==> flow/design.v <==
module mult #(
  parameter WD = 10
) (
  input logic ck,
  input logic adv,
  input logic [WD-1:0] op_a_in,
  input logic [WD-1:0] op_b_in,
  output logic [2*WD-1:0] p_out
);
  localparam HW = WD / 2;
  logic [WD-1:0] ll;
  mul_part #(.N(HW)) inst (.a(op_a_in[HW-1:0]), .b(op_b_in[HW-1:0]), .p(ll));
  logic [WD-1:0] lh;
  mul_part #(.N(HW)) el (.a(op_a_in[HW-1:0]), .b(op_b_in[WD-1:HW]), .p(lh));
  logic [WD-1:0] hl;
  mul_part #(.N(HW)) u (.a(op_a_in[WD-1:HW]), .b(op_b_in[HW-1:0]), .p(hl));
  logic [WD-1:0] hh;
  mul_part #(.N(HW)) i_sub (.a(op_a_in[WD-1:HW]), .b(op_b_in[WD-1:HW]), .p(hh));
  logic [WD:0] t2;
  assign t2 = lh + hl;
  always_ff @(posedge ck) begin
    if (adv) begin
      p_out <= {hh, ll} + {t2, {HW{1'b0}}};
    end
  end
endmodule
module mul_part #(parameter N = 4) (
  input logic [N-1:0] a,
  input logic [N-1:0] b,
  output logic [2*N-1:0] p
);
  assign p = a * b;
endmodule
Subject: tool reports on mult

Hi,

---- Step by step through the tools: mult ----
A sweep over "WD": the same steps for each member of the family.
The file above is the member WD=10. Line numbers count from 1 in each member's own file.
Operators carry their Yosys type and port widths (W data, S select, Z words).
Library cell names are shortened.
A cell with -- has no value.
inputs
  top module .............................. mult
  clock ................................... ck
  library ................................. sky130hd
  corner .................................. tt_025C_1v80

---- Members of the sweep ----
Lines of each other member's file that are new or changed against the file above; lines that a member lacks are not shown.
new or changed lines
  WD  RTL line  source
  14  2         parameter WD = 14
  24  2         parameter WD = 24
  28  2         parameter WD = 28

---- Word-level counts ----
Counts by Yosys on the flattened word-level netlist (proc, flatten, opt, wreduce; memories kept). Register bits leave out memories and registers merged into their read ports (data or address); mux counts leave out enables and synchronous resets folded into registers. Print and check cells are left out. Cells with the same type and inputs are merged into one.
bit counts
  WD  register bits after elaboration  bits of input ports  elaborated cells
  10  20                               22                   7
  14  28                               30                   7
  24  48                               50                   7
  28  56                               58                   7
cells by class
  WD  $add $sub $neg  $mul
  10  2               4
  14  2               4
  24  2               4
  28  2               4
operators with widths
  WD  kinds with counts
  10  $mul A5 B5 Y10 (4); $add A20 B16 Y20 (1); $add A10 B10 Y11 (1)
  14  $mul A7 B7 Y14 (4); $add A28 B22 Y28 (1); $add A14 B14 Y15 (1)
  24  $mul A12 B12 Y24 (4); $add A48 B37 Y48 (1); $add A24 B24 Y25 (1)
  28  $mul A14 B14 Y28 (4); $add A56 B43 Y56 (1); $add A28 B28 Y29 (1)

---- Longest topological paths ----
Longest topological path by Yosys (ltp), each cell counted once; first at word level (registers and memories cut), then after technology mapping (sequential cells cut; the memories' decode and read muxes count).
logic depth
  WD  depth after elaboration  ABC_AREA  depth in mapped cells  depth with buffers taken out
  10  3                        0         25                     24
  14  3                        0         28                     27
  24  3                        0         34                     33
  28  3                        0         35                     33

---- Netlist ----
Source: synth_stat.txt of the flow (Yosys; design flattened, memories mapped). It holds for the ABC_AREA given above (unset counts as 0); a run with the other value may have another netlist.
Totals and module areas in this step are rounded.
cell types
  WD  type and count
  10  fa_1 (50); ha_1 (79); edfxtp_1 (20); and2_1 (61); inv_1 (81); nand2_1 (44); xnor2_1 (16); a21oi_1 (14); xor2_1 (8); clkbuf_1 (11); o21ai_0 (8); a21o_1 (5); nand3b_1 (5); nor2_1 (10); o21a_1 (5); nor2b_1 (5); nor3_1 (6); o21ai_1 (6); (+38)
  14  fa_1 (118); ha_1 (140); edfxtp_1 (28); and2_1 (112); inv_1 (182); nand2_1 (102); xnor2_1 (33); a21oi_1 (30); nor2_1 (29); clkbuf_1 (28); o21ai_0 (21); xor2_1 (10); o21a_1 (11); a21o_1 (10); nand2b_1 (7); a211oi_1 (5); nor2b_1 (5); o21bai_1 (4); (+52)
  24  fa_1 (444); ha_1 (258); inv_1 (556); and2_1 (253); edfxtp_1 (48); nand2_1 (350); xnor2_1 (65); clkbuf_1 (97); a21oi_1 (57); nor2_1 (52); o21ai_0 (36); xor2_1 (20); a21o_1 (23); o21a_1 (14); nor2b_1 (14); o21bai_1 (11); nand2b_1 (13); nor3_1 (13); (+101)
  28  fa_1 (621); ha_1 (366); inv_1 (779); and2_1 (392); edfxtp_1 (56); nand2_1 (439); xnor2_1 (86); clkbuf_1 (170); a21oi_1 (92); a21o_1 (44); nor2_1 (51); xor2_1 (20); o21ai_0 (32); o21bai_1 (18); a211oi_1 (16); nand3_1 (24); o21a_1 (13); nor3_1 (17); (+138)
The mark (+n) counts cells that are not listed.
mapped netlist
  WD  standard cells after synthesis  mapped area (sq um)  sequential area (sq um)  flip-flops
  10  472                             4390                 601                      20
  14  927                             8270                 841                      28
  24  2425                            21700                1440                     48
  28  3374                            30000                1680                     56
The figures by module come from a second, unflattened synthesis with its own total; it is not the netlist above.
unflattened totals
  WD  cells (unflattened synthesis)  area total of the unflattened synthesis (sq um)
  10  507                            4690
  14  945                            8620
  24  2757                           23300
  28  3829                           32600

---- Timing after synthesis ----
Source: OpenSTA report_checks on the synthesized netlist (no wires, ideal clock, input and output delay 20% of the period each), path of least setup slack; recovery checks are left aside. Register names are those of the netlist, which keeps one name where synthesis merged equal registers.
timing post-synthesis
  WD  path type          from              to                  clock period (ns)  setup slack (ns)  driving pins on the path  delay of the path (ns)  period reached after synthesis (ns)
  10  input to register  input op_b_in[8]  register p_out[19]  8.64               1.385             23                        5.527                   7.255
  14  input to register  input op_b_in[1]  register p_out[24]  9.95               1.591             25                        6.368                   8.359
  24  input to register  input op_a_in[9]  register p_out[45]  12.3               1.951             32                        7.889                   10.349
  28  input to register  input op_a_in[7]  register p_out[50]  12.7               2.003             32                        8.157                   10.697
"delay of the path" = arrival - input delay + setup time.
"driving pins on the path" counts driving pins, that of a launching flip-flop among them; a cell with two outputs on the path counts twice.
"period reached after synthesis" = period - worst setup slack (recovery checks aside). The figure is calculated, with input and output delays left at 20% of the set period.
Between the ends stands the longest chain of elaborated cells between them, by number of cells; it is not shown to be the way that was timed. Of several equally long chains one is given.
Each line given opens the expression or statement behind the cell; cells for indexed reads and writes are added by Yosys, which also makes memories of some case tables.
on the way, post-synthesis, WD=10
  length of the longest elaborated chain .. 3
ends and longest elaborated chain, post-synthesis, WD=10
  what                RTL line  source
  start: declaration  7         input logic [WD-1:0] op_b_in,
  $mul A5 B5 Y10      32        assign p = a * b;
  $add A10 B10 Y11    20        assign t2 = lh + hl;
  $add A20 B16 Y20    23        p_out <= {hh, ll} + {t2, {HW{1'b0}}};
  end: assignment     23
  end: declaration    8         output logic [2*WD-1:0] p_out
on the way, post-synthesis, WD=28
  length of the longest elaborated chain .. 3
ends and longest elaborated chain, post-synthesis, WD=28
  what                RTL line  source
  start: declaration  6         input logic [WD-1:0] op_a_in,
  $mul A14 B14 Y28    32        assign p = a * b;
  $add A28 B28 Y29    20        assign t2 = lh + hl;
  $add A56 B43 Y56    23        p_out <= {hh, ll} + {t2, {HW{1'b0}}};
  end: assignment     23
  end: declaration    8         output logic [2*WD-1:0] p_out

---- Timing after layout ----
From the final timing report of the run of each member: the path of least setup slack in the routed layout; clock arrival at registers is part of the times.
timing after layout
  WD  path type          from               to                  clock period (ns)  setup slack (ns)  driving pins on the path  data arrival time (ns)  path buffers
  10  input to register  input op_b_in[8]   register p_out[19]  8.64               0.85              23                        7.80                    1
  14  input to register  input op_b_in[9]   register p_out[27]  9.95               0.80              25                        9.17                    1
  24  input to register  input op_b_in[15]  register p_out[41]  12.3               0.72              33                        11.65                   2
  28  input to register  input op_b_in[3]   register p_out[55]  12.7               0.68              30                        12.12                   2

---- Flow runs ----
One run of the flow (Yosys, OpenROAD) for each member, with settings and measured results. Input and output delays are each 20% of the period that was set; the output load is 0.01 pF.
flow settings
  CAP_MARGIN .............................. 20
  CORE_MARGIN ............................. 2
  CORE_UTILIZATION ........................ 40
  SLEW_MARGIN ............................. 20
settings by member
  WD  period_ns
  10  8.64
  14  9.95
  24  12.3
  28  12.7
results
  WD  area of the synthesized netlist (sq um)  overall die area (sq um)  area of the standard cells in the finished layout (sq um)  final utilization (%)  worst setup slack after layout (ns)  setup TNS (ns)  worst hold slack (ns)  achieved clock period (ns)
  10  4390                                     11800                     5050                                                       46.8                   0.845                                0.000           2.33                   7.795
  14  8270                                     21800                     9370                                                       46.3                   0.798                                0.000           2.58                   9.152
  24  21700                                    56200                     23800                                                      44.2                   0.725                                0.000           2.48                   11.575
  28  30000                                    77300                     32700                                                      43.9                   0.684                                0.000           2.53                   12.016
"achieved clock period" = clock period - worst setup slack. The figure is calculated, with input and output delays left at 20% of the set period.
Values from the reports are rounded here.

Regards
